==> flow/design.v <==
module gen_mplex #(
    parameter integer DWIDTH = 2,
    parameter integer INPUTS = 12
) (
    input  i_clk,
    input  [INPUTS*DWIDTH-1:0] bus_in,
    input  [INPUTS-1:0] s_in,
    output [DWIDTH-1:0] out_out
);
    reg [INPUTS*DWIDTH-1:0] bus_q;
    reg [INPUTS-1:0] s_q;
    always @(posedge i_clk) begin
        bus_q <= bus_in;
        s_q <= s_in;
    end
    reg [DWIDTH-1:0] val;
    integer n;
    always @(*) begin
        val = 0;
        for (n = 0; n < INPUTS; n = n + 1)
            val = val | (bus_q[n*DWIDTH +: DWIDTH] & {DWIDTH{s_q[n]}});
    end
    assign out_out = val;
endmodule
Step by step through the tools: gen_mplex
Tool output for the design above, in the order of the flow.
Lines are those of the file above, counted from 1.
Operators carry their Yosys type and port widths (W data, S select, Z words).
Library cell names are shortened.
Not given: -

set-up
  design top = gen_mplex
  clock = i_clk
  cell library = sky130hd
  library corner = tt_025C_1v80

Word-level counts
Source: Yosys, flattened and elaborated, memories not mapped. Widths are those after wreduce; folded enables and synchronous resets count as part of the registers. Registers that Yosys merges into a memory's read port (data or address) are not register bits. Print and check cells do not count. Equal cells are merged and count once.

bit counts
  register bits after elaboration = 36
  output and inout port bits = 2
  elaborated cells = 25

operators by class
  bitwise logic cells = 23

operators with widths
  operator       number
  $and A2 B2 Y2  12
  $or A2 B2 Y2   11

Logic depth
Depth = most cells in a row (Yosys ltp): at word level without a register or memory, in the mapped netlist without a sequential cell, where the memories' decode and read muxes count.

depth
  word-level depth = 12
  ABC_AREA = 0
  mapped depth = 3
  gate-level depth less buffers = 3

Netlist
Source: synth_stat.txt of the flow (Yosys; design flattened, memories mapped). It holds for the ABC_AREA given above (unset counts as 0); a run with the other value may have another netlist.

cell types
  cell type  number  total area (um^2)
  dfxtp_1    36      720.691
  a22o_1     6       52.55
  a221oi_1   5       43.792
  a221oi_2   1       15.014
  nand3_1    2       10.01

mapped netlist
  cells in the netlist = 50
  chip area (Yosys) = 0.0008421 mm^2
  sequential part of the area = 0.0007207 mm^2
  mapped flip-flops = 36

Worst setup path after synthesis
Source: OpenSTA report_checks on the synthesized netlist (no wires, ideal clock, input and output delay 20% of the period each), path of least setup slack; recovery checks are left aside. Register names are those of the netlist, which keeps one name where synthesis merged equal registers.

timing path post-synthesis
  kind = register to output
  start = reg bus_q[12]
  end = out out_out[0]
  period = 1.31 ns
  time at the first pin = 0.000 ns
  data arrival time = 0.839 ns
  data required time = 1.048 ns
  slack = 0.209 ns
  delay of the path = 0.839 ns
  driving pins on the path = 4
  path buffers = 0
  synthesis period reached = 1.101 ns

"delay of the path" is the arrival time less input delay plus setup time.
At an output port there is no setup time.
"driving pins on the path": output pins that drive a net of the path, with the launching flip-flop's if there is one; two outputs of one cell count as two.
"synthesis period reached" = period - worst setup slack (recovery checks aside). The figure is calculated, with input and output delays left at 20% of the set period.
The rows between start and end are the longest chain of elaborated cells between them; the timing report does not say that the signal goes this way. Where chains are equally long, one stands for them.
A line is the first line of the expression or statement that the cell stems from. Yosys adds cells for indexed reads and writes and turns some case tables into memories.

between the ends, post-synthesis
  cells stage by stage = dfxtp_1 a22o_1 a221oi_1 nand3_1
  cells in the longest elaborated chain = 7

ends and longest elaborated chain, post-synthesis
  what                       RTL line  source
  start: declaration         10        reg [INPUTS*DWIDTH-1:0] bus_q;
  start: assignment          13        bus_q <= bus_in;
  $and A2 B2 Y2              21        val = val | (bus_q[n*DWIDTH +: DWIDTH] & {DWIDTH{s_q[n]}});
  $or A2 B2 Y2 (6 in a row)  21
  end: declaration           8         output [DWIDTH-1:0] out_out

Timing after layout
Path of least setup slack in the final report of run 1 (OpenROAD, finished layout, wires in). Where an end is a register, its clock arrival counts in the times.

timing path after layout
  kind = register to output
  start = reg s_q[6]
  end = out out_out[0]
  period = 1.31 ns
  time at the first pin = 0.32 ns
  data arrival time = 1.32 ns
  data required time = 1.05 ns
  slack = -0.28 ns
  driving pins on the path = 5
  path buffers = 1

The rows between start and end are the longest chain of elaborated cells between them; the timing report does not say that the signal goes this way. Where chains are equally long, one stands for them.

between the ends, after layout
  cells stage by stage = dfxtp_2 a22o_1 a221oi_2 nand3_1 buf_2
  cells in the longest elaborated chain = 7

ends and longest elaborated chain, after layout
  what                       RTL line  source
  start: declaration         11        reg [INPUTS-1:0] s_q;
  start: assignment          14        s_q <= s_in;
  $and A2 B2 Y2              21        val = val | (bus_q[n*DWIDTH +: DWIDTH] & {DWIDTH{s_q[n]}});
  $or A2 B2 Y2 (6 in a row)  21
  end: declaration           8         output [DWIDTH-1:0] out_out

Memo
Re: implementation data of gen_mplex

Top module gen_mplex; platform sky130hd; tools Yosys and OpenROAD; 3 stored runs in no particular order. Input and output delays are each 20% of the period that was set; the output load is 0.01 pF.
"achieved clock period" means the clock period less the worst setup slack. The figure is calculated, with input and output delays left at 20% of the set period.
By "power" is meant OpenSTA's value without simulated activity: inputs other than the clock are taken to toggle once in ten clock periods, and the tool carries that through the logic.

Run 1
==> flow/run.sh <==
#!/bin/bash
# the make line also repeats the synthesis and layout settings of config.mk as NAME=value (left out here)
make -C /OpenROAD-flow-scripts/flow DESIGN_CONFIG=/design/flow/config.mk WORK_HOME=/design/flow/orfs CLKGATE_MAP_FILE= finish
==> flow/config.mk <==
export PLATFORM = sky130hd
export DESIGN_NAME = gen_mplex
export DESIGN_NICKNAME = gen_mplex
export VERILOG_FILES = /design/flow/design.v
export SDC_FILE = /design/flow/constraint.sdc
export NUM_CORES = 4
export LEC_CHECK = 0
export CAP_MARGIN = 20
export CORE_MARGIN = 2
export CORE_UTILIZATION = 40
export SLEW_MARGIN = 20
==> flow/constraint.sdc <==
create_clock -name core_clock -period 1.31 [get_ports {i_clk}]
set_input_delay 0.2620 -clock core_clock [delete_from_list [all_inputs] [get_ports {i_clk}]]
set_output_delay 0.2620 -clock core_clock [all_outputs]
set_load 0.01 [all_outputs]

==> results of run 1 <==
chip area after synthesis (Yosys): 0.0008421 mm^2
die area: 0.002488 mm^2
standard-cell area of the final layout: 0.0014001 mm^2
utilization: 70.6%
worst setup slack after layout: -0.277 ns
total negative slack: -0.524 ns
worst hold slack: 0.370 ns
power: 2,069 µW
achieved clock period: 1.587 ns

Run 2
==> flow/run.sh <==
#!/bin/bash
# the make line also repeats the synthesis and layout settings of config.mk as NAME=value (left out here)
make -C /OpenROAD-flow-scripts/flow DESIGN_CONFIG=/design/flow/config.mk WORK_HOME=/design/flow/orfs CLKGATE_MAP_FILE= finish
==> flow/config.mk <==
export PLATFORM = sky130hd
export DESIGN_NAME = gen_mplex
export DESIGN_NICKNAME = gen_mplex
export VERILOG_FILES = /design/flow/design.v
export SDC_FILE = /design/flow/constraint.sdc
export NUM_CORES = 4
export LEC_CHECK = 0
export ABC_AREA = 1
export CAP_MARGIN = 20
export CELL_PAD_IN_SITES_DETAIL_PLACEMENT = 1
export CORE_MARGIN = 2
export CORE_UTILIZATION = 24
export CTS_CLUSTER_SIZE = 31
export HOLD_SLACK_MARGIN = 0.24
export MAX_ROUTING_LAYER = met5
export PLACE_DENSITY_LB_ADDON = 0.27
export SLEW_MARGIN = 20
==> flow/constraint.sdc <==
create_clock -name core_clock -period 1.32 [get_ports {i_clk}]
set_input_delay 0.2640 -clock core_clock [delete_from_list [all_inputs] [get_ports {i_clk}]]
set_output_delay 0.2640 -clock core_clock [all_outputs]
set_load 0.01 [all_outputs]

==> results of run 2 <==
chip area after synthesis (Yosys): 0.0008884 mm^2
die area: 0.0042042 mm^2
standard-cell area of the final layout: 0.0014727 mm^2
utilization: 40.8%
worst setup slack after layout: 0.007 ns
total negative slack: 0.000 ns
worst hold slack: 0.418 ns
power: 2,247 µW
achieved clock period: 1.313 ns

Run 3
==> flow/run.sh <==
#!/bin/bash
# the make line also repeats the synthesis and layout settings of config.mk as NAME=value (left out here)
make -C /OpenROAD-flow-scripts/flow DESIGN_CONFIG=/design/flow/config.mk WORK_HOME=/design/flow/orfs CLKGATE_MAP_FILE= finish
==> flow/config.mk <==
export PLATFORM = sky130hd
export DESIGN_NAME = gen_mplex
export DESIGN_NICKNAME = gen_mplex
export VERILOG_FILES = /design/flow/design.v
export SDC_FILE = /design/flow/constraint.sdc
export NUM_CORES = 4
export LEC_CHECK = 0
export CAP_MARGIN = 0
export CELL_PAD_IN_SITES_DETAIL_PLACEMENT = 1
export CELL_PAD_IN_SITES_GLOBAL_PLACEMENT = 0
export CORE_MARGIN = 5
export CORE_UTILIZATION = 49
export CTS_CLUSTER_DIAMETER = 293
export MIN_ROUTING_LAYER = met2
export SLEW_MARGIN = 20
export TNS_END_PERCENT = 20
==> flow/constraint.sdc <==
create_clock -name core_clock -period 1.59 [get_ports {i_clk}]
set_input_delay 0.3180 -clock core_clock [delete_from_list [all_inputs] [get_ports {i_clk}]]
set_output_delay 0.3180 -clock core_clock [all_outputs]
set_load 0.01 [all_outputs]

==> results of run 3 <==
did not finish, clock tree synthesis stopped with DPL-0033
